==> flow/design.v <==
module alu_mux_n #(
    parameter WIDTH = 6
) (
    input  wire clk_i,
    input  wire aresetn,
    input  wire [WIDTH-1:0] ch_0,
    input  wire [WIDTH-1:0] ch_1,
    input  wire [WIDTH-1:0] ch_2,
    input  wire [WIDTH-1:0] ch_3,
    input  wire [WIDTH-1:0] ch_4,
    input  wire [WIDTH-1:0] ch_5,
    input  wire [WIDTH-1:0] ch_6,
    input  wire [WIDTH-1:0] ch_7,
    input  wire [WIDTH-1:0] ch_8,
    input  wire [WIDTH-1:0] ch_9,
    input  wire [3:0] addr,
    output wire [WIDTH-1:0] z_o
);
    reg [WIDTH-1:0] ch_0_ff;
    reg [WIDTH-1:0] ch_1_ff;
    reg [WIDTH-1:0] ch_2_ff;
    reg [WIDTH-1:0] ch_3_ff;
    reg [WIDTH-1:0] ch_4_ff;
    reg [WIDTH-1:0] ch_5_ff;
    reg [WIDTH-1:0] ch_6_ff;
    reg [WIDTH-1:0] ch_7_ff;
    reg [WIDTH-1:0] ch_8_ff;
    reg [WIDTH-1:0] ch_9_ff;
    reg [3:0] addr_ff;
    reg [WIDTH-1:0] t;
    always @* begin
        if (addr_ff == 0) t = ch_0_ff;
        else if (addr_ff == 1) t = ch_1_ff;
        else if (addr_ff == 2) t = ch_2_ff;
        else if (addr_ff == 3) t = ch_3_ff;
        else if (addr_ff == 4) t = ch_4_ff;
        else if (addr_ff == 5) t = ch_5_ff;
        else if (addr_ff == 6) t = ch_6_ff;
        else if (addr_ff == 7) t = ch_7_ff;
        else if (addr_ff == 8) t = ch_8_ff;
        else t = ch_9_ff;
    end
    reg [WIDTH-1:0] z_o_ff;
    assign z_o = z_o_ff;
    always @(posedge clk_i or negedge aresetn) begin
        if (!aresetn) begin
            ch_0_ff <= 0;
            ch_1_ff <= 0;
            ch_2_ff <= 0;
            ch_3_ff <= 0;
            ch_4_ff <= 0;
            ch_5_ff <= 0;
            ch_6_ff <= 0;
            ch_7_ff <= 0;
            ch_8_ff <= 0;
            ch_9_ff <= 0;
            addr_ff <= 0;
            z_o_ff <= 0;
        end else begin
            ch_0_ff <= ch_0;
            ch_1_ff <= ch_1;
            ch_2_ff <= ch_2;
            ch_3_ff <= ch_3;
            ch_4_ff <= ch_4;
            ch_5_ff <= ch_5;
            ch_6_ff <= ch_6;
            ch_7_ff <= ch_7;
            ch_8_ff <= ch_8;
            ch_9_ff <= ch_9;
            addr_ff <= addr;
            z_o_ff <= t;
        end
    end
endmodule
# ---- Reports on alu_mux_n
# What the tools print for alu_mux_n, step after step.
# Lines are those of the file above, counted from 1.
# Operators carry their Yosys type and port widths (W data, S select, Z words).
# Library cell names are shortened.
# The mark n/a stands for no value.
dict set report design {
  design {alu_mux_n}
  clock {clk_i}
  lib {sky130hd}
  corner {tt_025C_1v80}
}

# ---- Word-level counts
# Counts by Yosys on the flattened word-level netlist (proc, flatten, opt, wreduce; memories kept). Register bits leave out memories and registers merged into their read ports (data or address); mux counts leave out enables and synchronous resets folded into registers. Print and check cells are left out. Cells with the same type and inputs are merged into one.
dict set report classes {
  add_sub_neg 0
  mul 0
  n_div 0
  cmp 0
  equal 8
  shifts 0
  n_mux 9
  bitwise 0
  reduce_and_logical 1
}
# op n
set ops {}
lappend ops {{$mux W6} 9}
lappend ops {{$eq A4 B3 Y1 const B} 4}
lappend ops {{$eq A4 B2 Y1 const B} 2}
lappend ops {{$eq A4 B1 Y1 const B} 1}
lappend ops {{$eq A4 B4 Y1 const B} 1}
lappend ops {{$logic_not A4 Y1} 1}
dict set report bits {
  ff_bits 70
  latch_bits 0
  ram_bits 0
  mem_bits_ro 0
  clocked_rd_ports_x_width 0
  n_memories 0
  inputBits 66
  output_inout_bits 6
  word_cells 30
}

# ---- Logic depth
# Longest topological path by Yosys (ltp), each cell counted once; first at word level (registers and memories cut), then after technology mapping (sequential cells cut; the memories' decode and read muxes count).
dict set report depth {
  word_depth 10
  abc_area 0
  depth_mapped 7
  ltp_nobuf 4
}

# ---- Mapped cells and area
# The flow's flattened synthesis, as Yosys stat reports it; memories are mapped. The netlist is that of the ABC_AREA named above (0 if unset); the other value can give another one.
# The area totals of this step are shown rounded.
dict set report synth_totals {
  stdcells 191
  mapped_area_um2 2600
  seqArea_um2 1800
  ffs 70
  buffers 13
}
# cell n area_total_um2
set types {}
lappend types {dfrtp_1 70 1751.68}
lappend types {mux2i_1 13 130.125}
lappend types {a21oi_1 17 85.082}
lappend types {nand2b_1 10 62.56}
lappend types {buf_2 9 45.043}
lappend types {mux4_2 2 45.043}
lappend types {a211o_1 4 35.034}
lappend types {nor3b_1 4 30.029}
lappend types {o22ai_1 4 25.024}
lappend types {a211oi_1 3 22.522}
lappend types {mux2_2 2 22.522}
lappend types {nand2_1 6 22.522}
lappend types {nor2_1 6 22.522}
lappend types {o21bai_1 3 22.522}
lappend types {nor3_1 4 20.019}
lappend types {inv_1 5 18.768}
lappend types {o221ai_1 2 17.517}
lappend types {nand3b_1 2 15.014}
# Other cell types: 21; their cells: 25.

# ---- Worst setup path after synthesis
# Source: OpenSTA report_checks on the synthesized netlist (no wires, ideal clock, input and output delay 20% of the period each), path of least setup slack; recovery checks are left aside. Register names are those of the netlist, which keeps one name where synthesis merged equal registers.
dict set report synth_timing {
  path_kind {register to register}
  from {register addr_ff[1]}
  to {register z_o_ff[2]}
  period_ns 2.04
  setup_ns 0.126
  launch_ns 0.000
  t_arrival_ns 1.507
  required_time_ns 1.914
  path_slack_ns 0.407
  path_delay_ns 1.633
  path_stages 6
  n_path_buf 1
  synth_period_reached_ns 1.633
}
# "path_delay_ns" is the arrival time less input delay plus setup time.
# "path_stages": output pins that drive a net of the path, with the launching flip-flop's if there is one; two outputs of one cell count as two.
# "synth_period_reached_ns" is the clock period less the worst setup slack; recovery checks do not enter. This is arithmetic on one report: input and output delays are still those of the set period (20% each).
# Between the ends stands the longest chain of elaborated cells between them, by number of cells; it is not shown to be the way that was timed. Of several equally long chains one is given.
# A line is the first line of the expression or statement that the cell stems from. Yosys adds cells for indexed reads and writes and turns some case tables into memories.
dict set report synth_via {
  cell_sequence {dfrtp_1 buf_6 or4b_4 o22ai_2 nor2_1 a221o_1}
  elab_chain_len 10
  cells_between 18
  lines_between 9
  classes_between {eq/ne: 8; mux: 9; reduce/logical: 1}
}
# item line
set synth_rtl {}
lappend synth_rtl {{from (decl)} 29} ;# reg [3:0] addr_ff;
lappend synth_rtl {{from (assign)} 57} ;# addr_ff <= 0;
lappend synth_rtl {{from (assign)} 70} ;# addr_ff <= addr;
lappend synth_rtl {{$eq A4 B4 Y1} 40} ;# else if (addr_ff == 8) t = ch_8_ff;
lappend synth_rtl {{$mux W6} 40}
lappend synth_rtl {{$mux W6} 39} ;# else if (addr_ff == 7) t = ch_7_ff;
lappend synth_rtl {{$mux W6} 38} ;# else if (addr_ff == 6) t = ch_6_ff;
lappend synth_rtl {{$mux W6} 37} ;# else if (addr_ff == 5) t = ch_5_ff;
lappend synth_rtl {{$mux W6} 36} ;# else if (addr_ff == 4) t = ch_4_ff;
lappend synth_rtl {{$mux W6} 35} ;# else if (addr_ff == 3) t = ch_3_ff;
lappend synth_rtl {{$mux W6} 34} ;# else if (addr_ff == 2) t = ch_2_ff;
lappend synth_rtl {{$mux W6} 33} ;# else if (addr_ff == 1) t = ch_1_ff;
lappend synth_rtl {{$mux W6} 32} ;# if (addr_ff == 0) t = ch_0_ff;
lappend synth_rtl {{to (assign)} 58} ;# z_o_ff <= 0;
lappend synth_rtl {{to (assign)} 71} ;# z_o_ff <= t;
lappend synth_rtl {{to (decl)} 43} ;# reg [WIDTH-1:0] z_o_ff;

# ---- Worst path after layout
# From the final timing report of flow run A: the path of least setup slack in the routed layout; clock arrival at registers is part of the times.
dict set report layout_timing {
  path_kind {register to register}
  from {register addr_ff[1]}
  to {register z_o_ff[2]}
  period_ns 1.0
  setup_ns 0.11
  launch_ns 0.34
  t_arrival_ns 1.88
  required_time_ns 1.23
  path_slack_ns -0.65
  path_stages 5
  n_path_buf 0
}
# Between the ends stands the longest chain of elaborated cells between them, by number of cells; it is not shown to be the way that was timed. Of several equally long chains one is given.
dict set report layout_via {
  cell_sequence {dfrtp_2 or4b_4 o22ai_4 nor2_1 a221o_1}
  elab_chain_len 10
  cells_between 18
  lines_between 9
  classes_between {eq/ne: 8; mux: 9; reduce/logical: 1}
}
# item line
set layout_rtl {}
lappend layout_rtl {{from (decl)} 29} ;# reg [3:0] addr_ff;
lappend layout_rtl {{from (assign)} 57} ;# addr_ff <= 0;
lappend layout_rtl {{from (assign)} 70} ;# addr_ff <= addr;
lappend layout_rtl {{$eq A4 B4 Y1} 40} ;# else if (addr_ff == 8) t = ch_8_ff;
lappend layout_rtl {{$mux W6} 40}
lappend layout_rtl {{$mux W6} 39} ;# else if (addr_ff == 7) t = ch_7_ff;
lappend layout_rtl {{$mux W6} 38} ;# else if (addr_ff == 6) t = ch_6_ff;
lappend layout_rtl {{$mux W6} 37} ;# else if (addr_ff == 5) t = ch_5_ff;
lappend layout_rtl {{$mux W6} 36} ;# else if (addr_ff == 4) t = ch_4_ff;
lappend layout_rtl {{$mux W6} 35} ;# else if (addr_ff == 3) t = ch_3_ff;
lappend layout_rtl {{$mux W6} 34} ;# else if (addr_ff == 2) t = ch_2_ff;
lappend layout_rtl {{$mux W6} 33} ;# else if (addr_ff == 1) t = ch_1_ff;
lappend layout_rtl {{$mux W6} 32} ;# if (addr_ff == 0) t = ch_0_ff;
lappend layout_rtl {{to (assign)} 58} ;# z_o_ff <= 0;
lappend layout_rtl {{to (assign)} 71} ;# z_o_ff <= t;
lappend layout_rtl {{to (decl)} 43} ;# reg [WIDTH-1:0] z_o_ff;

# Design alu_mux_n on sky130hd. What follows are 3 stored runs of the flow, each under its own settings; their order means nothing. The constraints put input and output delay at 20% of the set period each and load the outputs with 0.01 pF.
# "worst_path_time_ns" is the time allowed to the run's worst setup path (the clock period less input and output delay, where it has them) less its slack. Clock arrival times count: a late capture clock shortens it, a late launch clock lengthens it.
# "power_mw": no workload was simulated; the value follows from the tool's default switching activity.
# Results are given in rounded form.
run="flow run A" settings period_ns=1.0 CORE_UTILIZATION=27 PLACE_DENSITY_LB_ADDON=0.11 CELL_PAD_IN_SITES_DETAIL_PLACEMENT=0 CTS_CLUSTER_DIAMETER=202 SLEW_MARGIN=15 CAP_MARGIN=20 CORE_MARGIN=2
run="flow run A" results synthArea_um2=2600 design_die_area_um2=10000 layout_stdcell_area_um2=3900 post_route_util_pct=42 setup_ws_ns=-0.65 setupTns_ns=-3.8 power_mw=6.3 worst_path_time_ns=1.65 worst_setup_path_type="register to register"
run="flow run B" settings period_ns=2.04 CAP_MARGIN=20 CORE_MARGIN=2 CORE_UTILIZATION=40 SLEW_MARGIN=20
run="flow run B" results synthArea_um2=2600 design_die_area_um2=7100 layout_stdcell_area_um2=3600 post_route_util_pct=58 setup_ws_ns=0.31 setupTns_ns=0.000 power_mw=3.1 worst_path_time_ns=1.73 worst_setup_path_type="register to register"
run="flow run C" settings period_ns=1.56 CORE_UTILIZATION=65 SETUP_SLACK_MARGIN=0.44 CELL_PAD_IN_SITES_GLOBAL_PLACEMENT=1 CELL_PAD_IN_SITES_DETAIL_PLACEMENT=0 SLEW_MARGIN=35 MIN_ROUTING_LAYER="met2" CAP_MARGIN=20 CORE_MARGIN=2
run="flow run C" outcome="no results, placement failed with GPL-0301"
